==> flow/design.v <==
module dp_sum_block_p #(
    parameter int DATA_W = 16
) (
    input logic i_clk,
    input logic ce,
    input logic [DATA_W-1:0] opa,
    input logic [DATA_W-1:0] opb,
    output logic [DATA_W-1:0] res
);
    logic [DATA_W-1:0] opa_r;
    logic [DATA_W-1:0] opb_r;
    always_ff @(posedge i_clk) begin
        if (ce) begin
            opa_r <= opa;
            opb_r <= opb;
        end
    end
    logic [DATA_W:0] t;
    assign t = opa_r + opb_r;
    logic [DATA_W-1:0] res_r;
    always_ff @(posedge i_clk) begin
        if (ce) begin
            res_r <= t[DATA_W] ? {DATA_W{1'b1}} : t[DATA_W-1:0];
        end
    end
    assign res = res_r;
endmodule
# From RTL to reports: dp_sum_block_p
# What the tools print for dp_sum_block_p, step after step.
# Lines are those of the file above, counted from 1.
# Operators carry their Yosys type and port widths (W data, S select, Z words).
# Library cell names are shortened.
design:
  top: "dp_sum_block_p"
  clock_port: "i_clk"
  cell_library: "sky130hd"
  pvt_corner: "tt_025C_1v80"

# Word-level counts
# Counts by Yosys on the flattened word-level netlist (proc, flatten, opt, wreduce; memories kept). Register bits leave out memories and registers merged into their read ports (data or address); mux counts leave out enables and synchronous resets folded into registers. Print and check cells are left out. Cells with the same type and inputs are merged into one.
word_totals:
  register_bits: 48
  in_bits: 34
  wordCells: 4
classes:
  n_addsub: 1
ops:
  columns: ["cell", "n"]
  rows:
  - ["$add A16 B16 Y17", 1]

# Depth
# Longest topological path by Yosys (ltp), each cell counted once; first at word level (registers and memories cut), then after technology mapping (sequential cells cut; the memories' decode and read muxes count).
depth:
  ltp_word: 1
  abc_area: 0
  mapped_depth: 9

# Synthesis result
# Yosys stat after the flow's synthesis: flattened, memories mapped to cells. It holds for the ABC_AREA given above (unset counts as 0); a run with the other value may have another netlist.
# Totals and module areas in this step are rounded.
by_type:
  columns: ["cell_type", "n", "type_area_um2"]
  rows:
  - ["edfxtp_1", 48, 1.44E+03]
  - ["ha_1", 16, 200.192]
  - ["nand2_1", 20, 75.072]
  - ["a21oi_1", 11, 55.053]
  - ["xor2_1", 6, 52.55]
  - ["a21o_1", 6, 45.043]
  - ["o21ai_0", 9, 45.043]
  - ["xnor2_1", 4, 35.034]
  - ["nor2_1", 6, 22.522]
  - ["o21bai_1", 3, 22.522]
  - ["fa_1", 1, 20.019]
  - ["a21boi_4", 1, 18.768]
  - ["and3_1", 3, 18.768]
  - ["a211oi_1", 2, 15.014]
  - ["a311oi_2", 1, 15.014]
  - ["nand3_1", 3, 15.014]
  - ["o21a_1", 2, 15.014]
  - ["a211oi_2", 1, 12.512]
# Other cell types: 20; their cells: 25.
mapped:
  mapped_cells: 168
  yosys_area_mm2: 0.0023
  sequential_area_mm2: 0.0014
  flip_flops: 48
  buf_cells: 3

# Path before layout
# Path of least setup slack by OpenSTA after synthesis, without wires, with an ideal clock, recovery checks aside; 20% of the period is set as input and as output delay. Where synthesis merged equal registers, the netlist keeps one of their names.
synth_timing:
  path_type: "register to register"
  start: "register opa_r[0]"
  end: "register res_r[14]"
  period_ps: 3120
  t_first_pin_ps: 0
  arrival_time_ps: 2245
  t_required_ps: 2865
  path_slack_ps: 620
  path_delay_ps: 2500
  stages: 10
  synth_period_reached_ps: 2500
# "path_delay_ps" = arrival - input delay + setup time.
# "stages": output pins that drive a net of the path, with the launching flip-flop's if there is one; two outputs of one cell count as two.
# "synth_period_reached_ps" = period - worst setup slack (recovery checks aside). The figure is calculated, with input and output delays left at 20% of the set period.
# Between the ends stands the longest chain of elaborated cells between them, by number of cells; it is not shown to be the way that was timed. Of several equally long chains one is given.
# A line is the first line of the expression or statement that the cell stems from. Yosys adds cells for indexed reads and writes and turns some case tables into memories.
synth_via:
  path_cell_list: "edfxtp_1 ha_1 fa_1 a211oi_2 o21bai_1 a311oi_2 o21ai_2 a21boi_4 buf_6 nand2_1"
  elab_chain_len: 1
synth_rtl:
  columns: ["item", "line", "rtl"]
  rows:
  - ["from (decl)", 10, "logic [DATA_W-1:0] opa_r;"]
  - ["from (assign)", 14, "opa_r <= opa;"]
  - ["$add A16 B16 Y17", 19, "assign t = opa_r + opb_r;"]
  - ["to (assign)", 23, "res_r <= t[DATA_W] ? {DATA_W{1'b1}} : t[DATA_W-1:0];"]
  - ["to (decl)", 20, "logic [DATA_W-1:0] res_r;"]

# Path in the finished layout
# Path of least setup slack in the final report of record 1 (OpenROAD, finished layout, wires in). Where an end is a register, its clock arrival counts in the times.
# The path's times are printed in steps of 10 ps; the period is the one set.
layout_timing:
  path_type: "register to register"
  start: "register opb_r[0]"
  end: "register res_r[4]"
  period_ps: 3120
  t_first_pin_ps: 290
  arrival_time_ps: 2780
  t_required_ps: 3150
  path_slack_ps: 370
  stages: 9
# Between the ends stands the longest chain of elaborated cells between them, by number of cells; it is not shown to be the way that was timed. Of several equally long chains one is given.
layout_via:
  path_cell_list: "edfxtp_1 ha_1 fa_1 a211oi_2 o21bai_1 a311oi_2 o21ai_2 a21boi_4 o21ai_0"
  elab_chain_len: 1
layout_rtl:
  columns: ["item", "line", "rtl"]
  rows:
  - ["from (decl)", 11, "logic [DATA_W-1:0] opb_r;"]
  - ["from (assign)", 15, "opb_r <= opb;"]
  - ["$add A16 B16 Y17", 19, "assign t = opa_r + opb_r;"]
  - ["to (assign)", 23, "res_r <= t[DATA_W] ? {DATA_W{1'b1}} : t[DATA_W-1:0];"]
  - ["to (decl)", 20, "logic [DATA_W-1:0] res_r;"]

# Top module dp_sum_block_p; platform sky130hd; tools Yosys and OpenROAD; 3 stored runs in no particular order. Input and output delays are each 20% of the period that was set; the output load is 0.01 pF.
# By "period_less_ws_ps" is meant the clock period of the run minus its worst setup slack. This is arithmetic on one report: input and output delays are still those of the set period (20% each).
# "worstPathTime_ps" = time allowed to the worst setup path (clock period - input delay - output delay, where it has them) - its slack; a late launch clock adds to it, a late capture clock takes from it.
# "final_power_uw" rests on the timing tool's default activity at the inputs, not on a simulated workload.
# "worstPathTime_ps" is known to 10 ps.
# Values from the reports are rounded here.
runs:
  - name: "record 1"
    settings:
      period_ns: 3.12
      CAP_MARGIN: 20
      CORE_MARGIN: 2
      CORE_UTILIZATION: 40
      SLEW_MARGIN: 20
    results:
      period_less_ws_ps: 2753
      worst_setup_slack_ps: 370
      layout_stdcell_area_mm2: 0.003
      fin_util_pct: 53
      worstPathTime_ps: 2750
      critical_path_type: "register to register"
      design.die.area_mm2: 0.0064
      ys_area_mm2: 0.0023
      holdWs_ps: 650
      final_power_uw: 1600
      setup_tns_ps: 0
  - name: "record 2"
    settings:
      period_ns: 2.6
      CORE_UTILIZATION: 69
      PLACE_DENSITY_LB_ADDON: 0.03
      CORE_ASPECT_RATIO: 1.08
      CELL_PAD_IN_SITES_GLOBAL_PLACEMENT: 0
      CELL_PAD_IN_SITES_DETAIL_PLACEMENT: 0
      TNS_END_PERCENT: 65
      ABC_AREA: 0
      GPL_TIMING_DRIVEN: 0
      GPL_ROUTABILITY_DRIVEN: 1
      CTS_CLUSTER_DIAMETER: 47
      CAP_MARGIN: 35
      SLEW_MARGIN: 30
      MIN_ROUTING_LAYER: "met1"
      MAX_ROUTING_LAYER: "met4"
      CORE_MARGIN: 2
    results:
      period_less_ws_ps: 3015
      worst_setup_slack_ps: -410
      layout_stdcell_area_mm2: 0.0031
      fin_util_pct: 98
      worstPathTime_ps: 3010
      critical_path_type: "register to register"
      design.die.area_mm2: 0.0038
      ys_area_mm2: 0.0023
      holdWs_ps: 630
      final_power_uw: 2200
      setup_tns_ps: -3700
  - name: "record 3"
    settings:
      period_ns: 2.15
      CORE_UTILIZATION: 63
      SETUP_SLACK_MARGIN: 0.19
      PLACE_DENSITY_LB_ADDON: 0.17
      CORE_ASPECT_RATIO: 1.27
      CORE_MARGIN: 5
      TNS_END_PERCENT: 60
      ABC_AREA: 1
      GPL_ROUTABILITY_DRIVEN: 0
      CTS_CLUSTER_SIZE: 22
      MAX_ROUTING_LAYER: "met4"
      CAP_MARGIN: 20
      SLEW_MARGIN: 20
    results:
      period_less_ws_ps: 1999
      worst_setup_slack_ps: 150
      layout_stdcell_area_mm2: 0.0034
      fin_util_pct: 85
      worstPathTime_ps: 2000
      critical_path_type: "register to register"
      design.die.area_mm2: 0.0055
      ys_area_mm2: 0.0026
      holdWs_ps: 560
      final_power_uw: 2500
      setup_tns_ps: 0
